==> flow/design.v <==
module alu_mplex_blk (ck, ch, s, result);
  parameter W = 12;
  parameter INPUTS = 4;
  localparam LOGN = $clog2(INPUTS);
  input ck;
  input [INPUTS*W-1:0] ch;
  input [LOGN-1:0] s;
  output [W-1:0] result;
  reg [INPUTS*W-1:0] ch_reg;
  reg [LOGN-1:0] s_reg;
  always @(posedge ck) begin
    ch_reg <= ch;
    s_reg <= s;
  end
  wire [INPUTS-1:0] dec;
  assign dec = {{(INPUTS-1){1'b0}}, 1'b1} << s_reg;
  reg [W-1:0] r;
  integer k;
  always @* begin
    r = 0;
    for (k = 0; k < INPUTS; k = k + 1)
      r = r | (ch_reg[k*W +: W] & {W{dec[k]}});
  end
  assign result = r;
endmodule
==> From RTL to reports: alu_mplex_blk <==
Tool output for the design above, in the order of the flow.
Lines are those of the file above, counted from 1.
Operators: Yosys type, input widths -> output width; for muxes data width and select width s.
Cell names lack the library's common part.
{ "setup": {"design": "alu_mplex_blk", "clock_port": "ck", "lib": "sky130hd", "pvt_corner": "tt_025C_1v80"} }

==> Elaborated design <==
Yosys after proc, flatten, opt, wreduce and memory -nomap, before mapping. Enables and synchronous resets that opt folds into registers are not counted as muxes. Memory bits, and registers merged into a memory's read port (data or address), are not among the register bits. Print and check cells are not counted. Equal cells are merged and count once.
{ "bits": {"elab_cells": 10, "output_inout_bits": 12, "ramBits": 0, "ff_bits": 50, "memories": 0, "clocked_rd_ports_x_width": 0, "latch_bits": 0, "in_bits": 51, "romBits": 0} }
{ "classes": {"div": 0, "equal": 0, "n_mux": 0, "shifts": 1, "addsub": 0, "n_cmp": 0, "reduce_logical": 0, "multipliers": 0, "n_logic": 7} }
{ "op_table": {"columns": ["cell", "n"], "rows": [
  ["$and 12x12->12", 4],
  ["$or 12x12->12", 3],
  ["$shl 1x2->4 const A", 1]
]} }

==> Logic depth <==
Depth = most cells in a row (Yosys ltp): at word level without a register or memory, in the mapped netlist without a sequential cell, where the memories' decode and read muxes count.
{ "depth": {"depth_word": 5, "abc_area": 0, "depth_mapped": 2, "ltp_nobuf": 1} }

==> After synthesis <==
Yosys stat after the flow's synthesis: flattened, memories mapped to cells. It holds for the ABC_AREA given above (unset counts as 0); a run with the other value may have another netlist.
{ "synth_totals": {"buffers": 2, "ff_cells": 50, "stdcells": 64, "area_um2": 1298.7, "sequential_area_um2": 1001.0} }
{ "by_type": {"columns": ["cell", "n", "area_total_um2"], "rows": [
  ["dfxtp_1", 50, 1000.96],
  ["mux4_2", 9, 202.694],
  ["mux4_1", 3, 78.826],
  ["buf_6", 1, 11.261],
  ["buf_2", 1, 5.005]
]} }

==> Path before layout <==
Path of least setup slack by OpenSTA after synthesis, without wires, with an ideal clock, recovery checks aside; 20% of the period is set as input and as output delay. Where synthesis merged equal registers, the netlist keeps one of their names.
{ "synth_timing": {"path_kind": "reg-to-output", "from": "reg s_reg[0]", "to": "out result[1]", "delay_ns": 1.076, "launch_ns": 0.000, "slack_ns": 0.268, "path_buffers": 1, "arrival_time_ns": 1.076, "t_required_ns": 1.344, "tclk_ns": 1.68, "stages": 3, "out_delay_ns": 0.336, "period_less_setup_slack_ns": 1.412} }
"delay_ns" is the arrival time less input delay plus setup time.
A path that ends at an output port has no setup time.
"stages" counts driving pins, that of a launching flip-flop among them; a cell with two outputs on the path counts twice.
"period_less_setup_slack_ns" = period - worst setup slack (recovery checks aside). The figure is calculated, with input and output delays left at 20% of the set period.
Between the ends stands the longest chain of elaborated cells between them, by number of cells; it is not shown to be the way that was timed. Of several equally long chains one is given.
Each line given opens the expression or statement behind the cell; cells for indexed reads and writes are added by Yosys, which also makes memories of some case tables.
{ "synth_via": {"path_cell_list": "dfxtp_1 > buf_6 > mux4_2", "elab_chain_cells": 5, "cone_cells": 8, "lines_between": 2, "cone_classes": "1 x shift; 7 x logic"} }
{ "synth_rtl": {"columns": ["element", "line", "rtl"], "rows": [
  ["from (decl)", 10, "reg [LOGN-1:0] s_reg;"],
  ["from (assign)", 13, "s_reg <= s;"],
  ["$shl 1x2->4", 16, "assign dec = {{(INPUTS-1){1'b0}}, 1'b1} << s_reg;"],
  ["$and 12x12->12", 22, "r = r | (ch_reg[k*W +: W] & {W{dec[k]}});"],
  ["$or 12x12->12 (3 in a row)", 22, null],
  ["to (decl)", 8, "output [W-1:0] result;"]
]} }

==> Worst path after layout <==
From the final timing report of run A: the path of least setup slack in the routed layout; clock arrival at registers is part of the times.
{ "layout_timing": {"path_kind": "reg-to-output", "from": "reg s_reg[0]", "to": "out result[2]", "stages": 4, "out_delay_ns": 0.32, "tclk_ns": 1.58, "launch_ns": 0.35, "slack_ns": -0.25, "t_required_ns": 1.26, "path_buffers": 2, "arrival_time_ns": 1.52} }
Between the ends stands the longest chain of elaborated cells between them, by number of cells; it is not shown to be the way that was timed. Of several equally long chains one is given.
{ "layout_via": {"path_cell_list": "dfxtp_4 > buf_6 > mux4_2 > buf_6", "elab_chain_cells": 5, "cone_cells": 8, "lines_between": 2, "cone_classes": "1 x shift; 7 x logic"} }
{ "layout_rtl": {"columns": ["element", "line", "rtl"], "rows": [
  ["from (decl)", 10, "reg [LOGN-1:0] s_reg;"],
  ["from (assign)", 13, "s_reg <= s;"],
  ["$shl 1x2->4", 16, "assign dec = {{(INPUTS-1){1'b0}}, 1'b1} << s_reg;"],
  ["$and 12x12->12", 22, "r = r | (ch_reg[k*W +: W] & {W{dec[k]}});"],
  ["$or 12x12->12 (3 in a row)", 22, null],
  ["to (decl)", 8, "output [W-1:0] result;"]
]} }

Wiki page: alu_mplex_blk / flow data

Measured results for alu_mplex_blk: 3 stored runs of the Yosys and OpenROAD flow on sky130hd. The settings differ; the order carries no meaning. The constraints put input and output delay at 20% of the set period each and load the outputs with 0.01 pF.
By "period achieved" is meant the clock period of the run minus its worst setup slack. This is arithmetic on one report: input and output delays are still those of the set period (20% each).
By "time on the worst setup path" is meant the share of the clock period that the worst setup path is allowed (20% is reserved at inputs, 20% at outputs), minus its slack. Clock arrival times at its registers enter into it.

==> run A: settings <==
{ "period_ns": 1.58, "CORE_UTILIZATION": 38, "SETUP_SLACK_MARGIN": 0.02, "PLACE_DENSITY": 0.65, "CELL_PAD_IN_SITES_GLOBAL_PLACEMENT": 3, "TNS_END_PERCENT": 40, "ABC_AREA": 0, "GPL_TIMING_DRIVEN": 1, "CTS_CLUSTER_DIAMETER": 94, "CAP_MARGIN": 20, "CORE_MARGIN": 2, "SLEW_MARGIN": 20 }
==> run A: results <==
total negative setup slack: -2.644 ns
utilization: 63.2 %
area of the synthesized netlist: 1298.7 um^2
die size: 3901.2 um^2
smallest setup slack: -0.253 ns
period achieved: 1.833 ns
time on the worst setup path: 1.52 ns
worst setup path type: reg-to-output

==> run B: settings <==
{ "period_ns": 1.68, "CAP_MARGIN": 20, "CORE_MARGIN": 2, "CORE_UTILIZATION": 40, "SLEW_MARGIN": 20 }
==> run B: results <==
total negative setup slack: -1.901 ns
utilization: 66.2 %
area of the synthesized netlist: 1298.7 um^2
die size: 3718.6 um^2
smallest setup slack: -0.183 ns
period achieved: 1.863 ns
time on the worst setup path: 1.53 ns
worst setup path type: reg-to-output

==> run C: settings <==
{ "period_ns": 0.836, "CORE_UTILIZATION": 17, "PLACE_DENSITY_LB_ADDON": 0.26, "CORE_MARGIN": 9, "CELL_PAD_IN_SITES_DETAIL_PLACEMENT": 0, "TNS_END_PERCENT": 55, "GPL_TIMING_DRIVEN": 0, "GPL_ROUTABILITY_DRIVEN": 0, "CTS_CLUSTER_SIZE": 72, "CTS_CLUSTER_DIAMETER": 148, "SLEW_MARGIN": 25, "MAX_ROUTING_LAYER": "met5", "CAP_MARGIN": 20 }
==> run C: results <==
total negative setup slack: -10.143 ns
utilization: 30.3 %
area of the synthesized netlist: 1298.7 um^2
die size: 11110.2 um^2
smallest setup slack: -0.868 ns
period achieved: 1.704 ns
time on the worst setup path: 1.54 ns
worst setup path type: reg-to-output
